==> flow/design.v <==
module add_unit_fa (
   input wire a,
   input wire b,
   input wire ci,
   output wire s,
   output wire co
);
   wire p = a ^ b;
   assign s = p ^ ci;
   assign co = p ? ci : a;
endmodule
module add_unit #(
   parameter integer BITS = 112
) (
   input core_clk,
   input srst,
   input en,
   input [BITS-1:0] lhs,
   input [BITS-1:0] rhs,
   input cin,
   output reg [BITS-1:0] total,
   output reg cy
);
   reg [BITS-1:0] lhs_s;
   reg [BITS-1:0] rhs_s;
   reg cin_s;
   wire [BITS-1:0] nxt;
   wire [BITS:0] chain;
   assign chain[0] = cin_s;
   genvar i;
   generate
      for (i = 0; i < BITS; i = i + 1) begin : lane
         add_unit_fa i_sub (.a(lhs_s[i]), .b(rhs_s[i]), .ci(chain[i]), .s(nxt[i]), .co(chain[i+1]));
      end
   endgenerate
   always @(posedge core_clk or posedge srst) begin
      if (srst) begin
         lhs_s <= 0;
         rhs_s <= 0;
         cin_s <= 1'b0;
         total <= 0;
         cy <= 1'b0;
      end else if (en) begin
         lhs_s <= lhs;
         rhs_s <= rhs;
         cin_s <= cin;
         total <= nxt;
         cy <= chain[BITS];
      end
   end
endmodule
**Reports on add_unit**

What the tools print for add_unit, step after step.
Lines are those of the file above, counted from 1.
Cell names lack the library's common part.
Not given: n/a

- Design top: add_unit
- Clock: core_clk
- Cell library: sky130hd
- Timing corner: tt_025C_1v80

**After elaboration**

Counts by Yosys on the flattened word-level netlist (proc, flatten, opt, wreduce; memories kept). Register bits leave out memories and registers merged into their read ports (data or address); mux counts leave out enables and synchronous resets folded into registers. Print and check cells are left out. Cells with the same type and inputs are merged into one.

- Bitwise logic cells: 224
- Multiplexer cells: 112

Operator list:

| cell | count |
|---|---|
| bitwise XOR 1 bit | 224 |
| 2-to-1 mux 1 bit | 112 |

- Elaborated cells: 341
- Output and inout bits: 113
- Input port bits: 228
- Register bits: 338

**Longest topological paths**

Longest topological path by Yosys (ltp), each cell counted once; first at word level (registers and memories cut), then after technology mapping (sequential cells cut; the memories' decode and read muxes count).

- Word-level depth: 113
- ABC_AREA: 0
- Depth in mapped cells: 35
- Depth with buffers taken out: 34

**Netlist**

Source: synth_stat.txt of the flow (Yosys; design flattened, memories mapped). It holds for the ABC_AREA given above (unset counts as 0); a run with the other value may have another netlist.
Totals and module areas in this step are rounded.

Cells by type:

| cell | count | total area (sq um) |
|---|---|---|
| dfrtp_1 | 338 | 8.46E+03 |
| mux2_2 | 249 | 2.8E+03 |
| xnor2_1 | 162 | 1.42E+03 |
| nor2_1 | 179 | 671.894 |
| a21oi_1 | 123 | 615.59 |
| xor2_1 | 60 | 525.504 |
| nand2_1 | 119 | 446.678 |
| maj3_1 | 41 | 410.394 |
| o21ai_0 | 73 | 365.35 |
| clkbuf_1 | 57 | 213.955 |
| a211oi_1 | 15 | 112.608 |
| o22ai_1 | 17 | 106.352 |
| inv_1 | 25 | 93.84 |
| nor3_1 | 15 | 75.072 |
| o21a_1 | 10 | 75.072 |
| a21o_1 | 9 | 67.565 |
| a22oi_1 | 9 | 67.565 |
| and2_1 | 10 | 62.56 |

Not listed: further types 56, cells in them 125.

- Mapped flip-flops: 338
- Sequential area: 8458 sq um
- Cell count: 1636
- Chip area (Yosys): 17640 sq um
- Buffer cells: 61

By module: a second synthesis without flattening, with its own total; a netlist apart from the flattened one above.

- Cells (unflattened synthesis): 939
- Area total of the unflattened synthesis: 17890 sq um

Each row is one instance without its submodules.

Modules:

| module | times used | area (sq um) | cells | sequential area (sq um) |
|---|---|---|---|---|
| add_unit | 1 | 14110 | 715 | 8458 |
| add_unit_fa | 112 | 33.8 | 2 | 0.0 |

**Path before layout**

Source: OpenSTA report_checks on the synthesized netlist (no wires, ideal clock, input and output delay 20% of the period each), path of least setup slack; recovery checks are left aside. Register names are those of the netlist, which keeps one name where synthesis merged equal registers.

- Path kind: flip-flop to flip-flop
- Start: register rhs_s[0]
- End: register total[111]
- Buffers on the path: 0
- Arrival: 7.848 ns
- Period: 9.93 ns
- Path delay: 7.944 ns
- Setup time: 0.096 ns
- Stages: 35
- Required time: 9.834 ns
- Launch time at the first pin: 0.000 ns
- Path slack: 1.986 ns
- Synthesis period reached: 7.944 ns

"path delay" = arrival - input delay + setup time.
"stages" counts driving pins, that of a launching flip-flop among them; a cell with two outputs on the path counts twice.
"synthesis period reached" is the clock period less the worst setup slack; recovery checks do not enter. This is arithmetic on one report: input and output delays are still those of the set period (20% each).
Between the ends stands the longest chain of elaborated cells between them, by number of cells; it is not shown to be the way that was timed. Of several equally long chains one is given.
A line is the first line of the expression or statement that the cell stems from. Yosys adds cells for indexed reads and writes and turns some case tables into memories.

- Path through: dfrtp_1 -> maj3_1 -> maj3_2 -> a221oi_4 -> o21ai_1 -> a2bb2oi_1 -> o31a_1 -> o311a_1 -> a211oi_4 -> a21boi_2 -> a2111oi_2 -> and2_1 -> o21a_2 -> o31ai_4 -> a32oi_2 -> o2111ai_2 -> a31oi_1 -> o311ai_1 -> a222oi_1 -> o31ai_1 -> a21o_1 -> a211oi_1 -> o41ai_1 -> a31o_2 -> a221o_1 -> nand2_2 -> a211oi_1 -> a222oi_1 -> o31ai_1 -> a31oi_2 -> o221a_2 -> o31ai_2 -> a21oi_2 -> o211a_1 -> a311oi_2
- Cells in the longest elaborated chain: 113
- Elaborated cells on any way between the ends: 113
- Source lines of those cells: 3
- Those cells by class: mux (111); logic (2)

Ends and longest elaborated chain, after synthesis:

| what | RTL line | RTL |
|---|---|---|
| from (decl) | 25 | `reg [BITS-1:0] rhs_s;` |
| from (assign) | 39 | `rhs_s <= 0;` |
| from (assign) | 45 | `rhs_s <= rhs;` |
| bitwise XOR 1 bit | 8 | `wire p = a ^ b;` |
| 2-to-1 mux 1 bit x111 | 10 | `assign co = p ? ci : a;` |
| bitwise XOR 1 bit | 9 | `assign s = p ^ ci;` |
| to (assign) | 41 | `total <= 0;` |
| to (assign) | 47 | `total <= nxt;` |
| to (decl) | 21 | `output reg [BITS-1:0] total,` |

**Path in the finished layout**

From the final timing report of entry B: the path of least setup slack in the routed layout; clock arrival at registers is part of the times.

- Path kind: flip-flop to flip-flop
- Start: register rhs_s[4]
- End: register total[111]
- Stages: 36
- Required time: 10.39 ns
- Launch time at the first pin: 0.55 ns
- Arrival: 9.56 ns
- Period: 9.93 ns
- Setup time: 0.09 ns
- Buffers on the path: 1
- Path slack: 0.83 ns

Between the ends stands the longest chain of elaborated cells between them, by number of cells; it is not shown to be the way that was timed. Of several equally long chains one is given.

- Path through: dfrtp_1 -> nor2_1 -> nor3_1 -> a221oi_4 -> a2111oi_1 -> a21oi_2 -> o31a_1 -> o311a_1 -> a211oi_4 -> a21boi_2 -> a2111oi_2 -> a211oi_1 -> o21a_1 -> nand2b_1 -> a32oi_2 -> o2111ai_2 -> a31oi_1 -> o311ai_1 -> a222oi_1 -> buf_4 -> a211oi_1 -> o31a_1 -> a211oi_1 -> o31ai_1 -> a31o_2 -> a221o_1 -> nand2_2 -> o221ai_2 -> a222oi_1 -> o21ai_0 -> a31oi_2 -> o221a_2 -> o21ai_1 -> a21oi_2 -> o21ai_1 -> a311oi_2
- Cells in the longest elaborated chain: 109
- Elaborated cells on any way between the ends: 109
- Source lines of those cells: 3
- Those cells by class: mux (107); logic (2)

Ends and longest elaborated chain, post-layout:

| what | RTL line | RTL |
|---|---|---|
| from (decl) | 25 | `reg [BITS-1:0] rhs_s;` |
| from (assign) | 39 | `rhs_s <= 0;` |
| from (assign) | 45 | `rhs_s <= rhs;` |
| bitwise XOR 1 bit | 8 | `wire p = a ^ b;` |
| 2-to-1 mux 1 bit x107 | 10 | `assign co = p ? ci : a;` |
| bitwise XOR 1 bit | 9 | `assign s = p ^ ci;` |
| to (assign) | 41 | `total <= 0;` |
| to (assign) | 47 | `total <= nxt;` |
| to (decl) | 21 | `output reg [BITS-1:0] total,` |

Module add_unit, platform sky130hd: 3 stored runs of the flow (Yosys, OpenROAD) with differing settings, in no particular order. Input and output delays are each 20% of the period that was set; the output load is 0.01 pF.
"achieved period": clock period set for the run, less the worst setup slack. It is reckoned from that one timing run; input and output delays stay at 20% of the period that was set.
"worst path time" = time allowed to the worst setup path (clock period - input delay - output delay, where it has them) - its slack; a late launch clock adds to it, a late capture clock takes from it.
By "total power of the final layout" is meant OpenSTA's value without simulated activity: inputs other than the clock are taken to toggle once in ten clock periods, and the tool carries that through the logic.
Results are given in rounded form.

### Entry A

Settings: `period_ns=7.58`, `CORE_UTILIZATION=58`, `SETUP_SLACK_MARGIN=1.76`, `PLACE_DENSITY_LB_ADDON=0.28`, `CELL_PAD_IN_SITES_GLOBAL_PLACEMENT=2`, `TNS_END_PERCENT=85`, `ABC_AREA=1`, `SLEW_MARGIN=30`, `CAP_MARGIN=20`, `CORE_MARGIN=2`

No final report: placement broke off with FLW-0024.

### Entry B

Settings: `period_ns=9.93`, `CAP_MARGIN=20`, `CORE_MARGIN=2`, `CORE_UTILIZATION=40`, `SLEW_MARGIN=20`

- Worst path time: 9.10 ns
- Class of the worst setup path: flip-flop to flip-flop
- Total power of the final layout: 4849 µW
- Setup slack of the worst path: 0.826 ns
- Die size: 45790 sq um
- Yosys chip area after synthesis: 17640 sq um
- Standard-cell area after layout: 22940 sq um
- Achieved period: 9.104 ns
- Smallest hold slack: 0.480 ns

### Entry C

Settings: `period_ns=7.49`, `CORE_UTILIZATION=28`, `SETUP_SLACK_MARGIN=1.46`, `PLACE_DENSITY_LB_ADDON=0.17`, `CORE_MARGIN=8`, `CELL_PAD_IN_SITES_DETAIL_PLACEMENT=0`, `GPL_TIMING_DRIVEN=0`, `GPL_ROUTABILITY_DRIVEN=1`, `SLEW_MARGIN=0`, `CAP_MARGIN=20`

- Worst path time: 8.55 ns
- Class of the worst setup path: flip-flop to flip-flop
- Total power of the final layout: 6910 µW
- Setup slack of the worst path: -1.059 ns
- Die size: 71280 sq um
- Yosys chip area after synthesis: 17640 sq um
- Standard-cell area after layout: 24670 sq um
- Achieved period: 8.549 ns
- Smallest hold slack: 0.483 ns
